==> flow/design.v <==
module ex_muxn #(
   parameter integer DWIDTH = 4,
   parameter integer NIN = 4,
   parameter integer SBITS = $clog2(NIN)
) (
   input  wire clock,
   input  wire nrst,
   input  wire [NIN*DWIDTH-1:0] ch,
   input  wire [SBITS-1:0] select,
   output wire [DWIDTH-1:0] z_o
);
   reg [NIN*DWIDTH-1:0] r_ch;
   reg [SBITS-1:0] r_select;
   always @(posedge clock or negedge nrst) begin
      if (~nrst) begin
         r_ch <= 0;
         r_select <= 0;
      end else begin
         r_ch <= ch;
         r_select <= select;
      end
   end
   wire [NIN*DWIDTH-1:0] cur = r_ch >> (r_select * DWIDTH);
   assign z_o = cur[DWIDTH-1:0];
endmodule
Ticket comment

## Step by step through the tools: ex_muxn

Module ex_muxn in several versions that differ in "DWIDTH"; each step lists the members.
The file above is the member DWIDTH 4. Line numbers count from 1 in each member's own file.
Operators carry their Yosys type and port widths (W data, S select, Z words).
A cell with -- has no value.

- Design top: ex_muxn
- Clock input: clock
- Cell library: sky130hd
- Corner: tt_025C_1v80

## Source of the members

New or changed lines of each further member against the RTL above, in its own file; lines it lacks are not shown.

Lines new or changed:

| DWIDTH | line | source |
|---|---|---|
| 12 | 2 | `parameter integer DWIDTH = 12,` |
| 48 | 2 | `parameter integer DWIDTH = 48,` |

## Word-level counts

Counts by Yosys on the flattened word-level netlist (proc, flatten, opt, wreduce; memories kept). Register bits leave out memories and registers merged into their read ports (data or address); mux counts leave out enables and synchronous resets folded into registers. Print and check cells are left out. Cells with the same type and inputs are merged into one.

Word-level totals:

| DWIDTH | register bits | input port bits | output and inout port bits | elaborated cells |
|---|---|---|---|---|
| 4 | 18 | 20 | 4 | 3 |
| 12 | 50 | 52 | 12 | 4 |
| 48 | 194 | 196 | 48 | 4 |

Operators by class:

| DWIDTH | multipliers | shift operators |
|---|---|---|
| 4 | 0 | 1 |
| 12 | 1 | 1 |
| 48 | 1 | 1 |

Operators with widths:

| DWIDTH | kinds with counts |
|---|---|
| 4 | $shr A16 B4 Y4 (1) |
| 12 | $shr A48 B6 Y12 (1); $mul A2 B2 Y4 const B (1) |
| 48 | $shr A192 B8 Y48 (1); $mul A2 B2 Y4 const B (1) |

## Longest topological paths

Yosys ltp: most cells in a row. Word level: on the elaborated netlist, between registers, memories and ports. Mapped: between sequential cells and ports; inverters and the memories' decode and read muxes count.

Depth:

| DWIDTH | word-level depth | ABC_AREA | gate-level depth with buffers | mapped depth without buffers |
|---|---|---|---|---|
| 4 | 1 | 0 | 1 | 1 |
| 12 | 2 | 0 | 2 | 1 |
| 48 | 2 | 0 | 3 | 1 |

## After synthesis

Source: synth_stat.txt of the flow (Yosys; design flattened, memories mapped). It holds for the ABC_AREA given above (unset counts as 0); a run with the other value may have another netlist.
The area totals of this step are shown rounded.

Synthesis totals:

| DWIDTH | standard cells after synthesis | synthesis area (um^2) | sequential area (um^2) | flip-flop cells | buffer cells |
|---|---|---|---|---|---|
| 4 | 22 | 555.5 | 450.4 | 18 | 0 |
| 12 | 64 | 1,545 | 1,251 | 50 | 2 |
| 48 | 252 | 6,007 | 4,855 | 194 | 10 |

Cell types:

| DWIDTH | type and count |
|---|---|
| 4 | sky130_fd_sc_hd__dfrtp_1 (18); sky130_fd_sc_hd__mux4_1 (4) |
| 12 | sky130_fd_sc_hd__dfrtp_1 (50); sky130_fd_sc_hd__mux4_2 (10); sky130_fd_sc_hd__mux4_1 (2); sky130_fd_sc_hd__buf_6 (1); sky130_fd_sc_hd__buf_2 (1) |
| 48 | sky130_fd_sc_hd__dfrtp_1 (194); sky130_fd_sc_hd__mux4_2 (48); sky130_fd_sc_hd__buf_6 (3); sky130_fd_sc_hd__buf_2 (3); sky130_fd_sc_hd__buf_4 (2); sky130_fd_sc_hd__clkbuf_1 (2) |

## Worst setup path after synthesis

Path of least setup slack by OpenSTA after synthesis, without wires, with an ideal clock, recovery checks aside; 20% of the period is set as input and as output delay. Where synthesis merged equal registers, the netlist keeps one of their names.

Timing path post-synthesis:

| DWIDTH | path type | start | end | clock period (ps) | path slack (ps) | stages on the path | path delay (ps) | synthesis period reached (ps) |
|---|---|---|---|---|---|---|---|---|
| 4 | reg2out | reg r_select[0] | out z_o[0] | 1,580 | 253 | 2 | 1,011 | 1,327 |
| 12 | reg2out | reg r_select[0] | out z_o[0] | 1,710 | 272 | 3 | 1,096 | 1,438 |
| 48 | reg2out | reg r_select[0] | out z_o[11] | 1,950 | 311 | 4 | 1,249 | 1,639 |

"path delay" is the arrival time less input delay plus setup time.
A path that ends at an output port has no setup time.
"stages on the path" counts driving pins, that of a launching flip-flop among them; a cell with two outputs on the path counts twice.
"synthesis period reached" is the clock period less the worst setup slack; recovery checks do not enter. This is arithmetic on one report: input and output delays are still those of the set period (20% each).
Between the ends stands the longest chain of elaborated cells between them, by number of cells; it is not shown to be the way that was timed. Of several equally long chains one is given.
A line is the first line of the expression or statement that the cell stems from. Yosys adds cells for indexed reads and writes and turns some case tables into memories.

Between the ends, post-synthesis, DWIDTH 4:
- Length of the longest elaborated chain: 1

RTL lines, path post-synthesis, DWIDTH 4:

| item | line | source |
|---|---|---|
| from (decl) | 13 | `reg [SBITS-1:0] r_select;` |
| from (assign) | 17 | `r_select <= 0;` |
| from (assign) | 20 | `r_select <= select;` |
| $shr A16 B4 Y4 | 23 | `wire [NIN*DWIDTH-1:0] cur = r_ch >> (r_select * DWIDTH);` |
| to (decl) | 10 | `output wire [DWIDTH-1:0] z_o` |

Between the ends, post-synthesis, DWIDTH 48:
- Length of the longest elaborated chain: 2

RTL lines, path post-synthesis, DWIDTH 48:

| item | line | source |
|---|---|---|
| from (decl) | 13 | `reg [SBITS-1:0] r_select;` |
| from (assign) | 17 | `r_select <= 0;` |
| from (assign) | 20 | `r_select <= select;` |
| $mul A2 B2 Y4 | 23 | `wire [NIN*DWIDTH-1:0] cur = r_ch >> (r_select * DWIDTH);` |
| $shr A192 B8 Y48 | 23 |  |
| to (decl) | 10 | `output wire [DWIDTH-1:0] z_o` |

## Worst path after layout

From the final timing report of each member's run: the path of least setup slack in the routed layout; clock arrival at registers is part of the times.
The path's times are printed in steps of 10 ps; the period is the one set.

Timing path post-layout:

| DWIDTH | path type | start | end | clock period (ps) | path slack (ps) | stages on the path | arrival time (ps) | buffers on the path |
|---|---|---|---|---|---|---|---|---|
| 4 | reg2out | reg r_select[0] | out z_o[2] | 1,580 | -180 | 4 | 1,440 | 2 |
| 12 | reg2out | reg r_select[0] | out z_o[11] | 1,710 | -200 | 5 | 1,570 | 3 |
| 48 | reg2out | reg r_select[0] | out z_o[10] | 1,950 | -320 | 5 | 1,880 | 3 |

## Measured runs

One run of the flow (Yosys, OpenROAD) for each member, with settings and measured results. Input and output delays are each 20% of the period that was set; the output load is 0.01 pF.

- CAP_MARGIN: 20
- CORE_MARGIN: 2
- CORE_UTILIZATION: 40
- SLEW_MARGIN: 20

Settings by member:

| DWIDTH | period_ns |
|---|---|
| 4 | 1.58 |
| 12 | 1.71 |
| 48 | 1.95 |

Final reports:

| DWIDTH | post-synthesis cell area (um^2) | die area (um^2) | standard-cell area of the final layout (um^2) | utilization | worst slack on setup checks (ps) | summed negative setup slack (ps) | total power after layout (µW) | reached clock period (ps) |
|---|---|---|---|---|---|---|---|---|
| 4 | 555.5 | 1,703 | 850.8 | 0.654 | -178 | -638 | 802.6 | 1,758 |
| 12 | 1,545 | 4,376 | 2,430 | 0.659 | -201 | -2,059 | 2,224 | 1,911 |
| 48 | 6,007 | 16,010 | 9,577 | 0.656 | -318 | -12,690 | 8,734 | 2,268 |

By "reached clock period" is meant the clock period of the run minus its worst setup slack. This is arithmetic on one report: input and output delays are still those of the set period (20% each).
"total power after layout" rests on the timing tool's default activity at the inputs, not on a simulated workload.
The measured numbers are rounded.
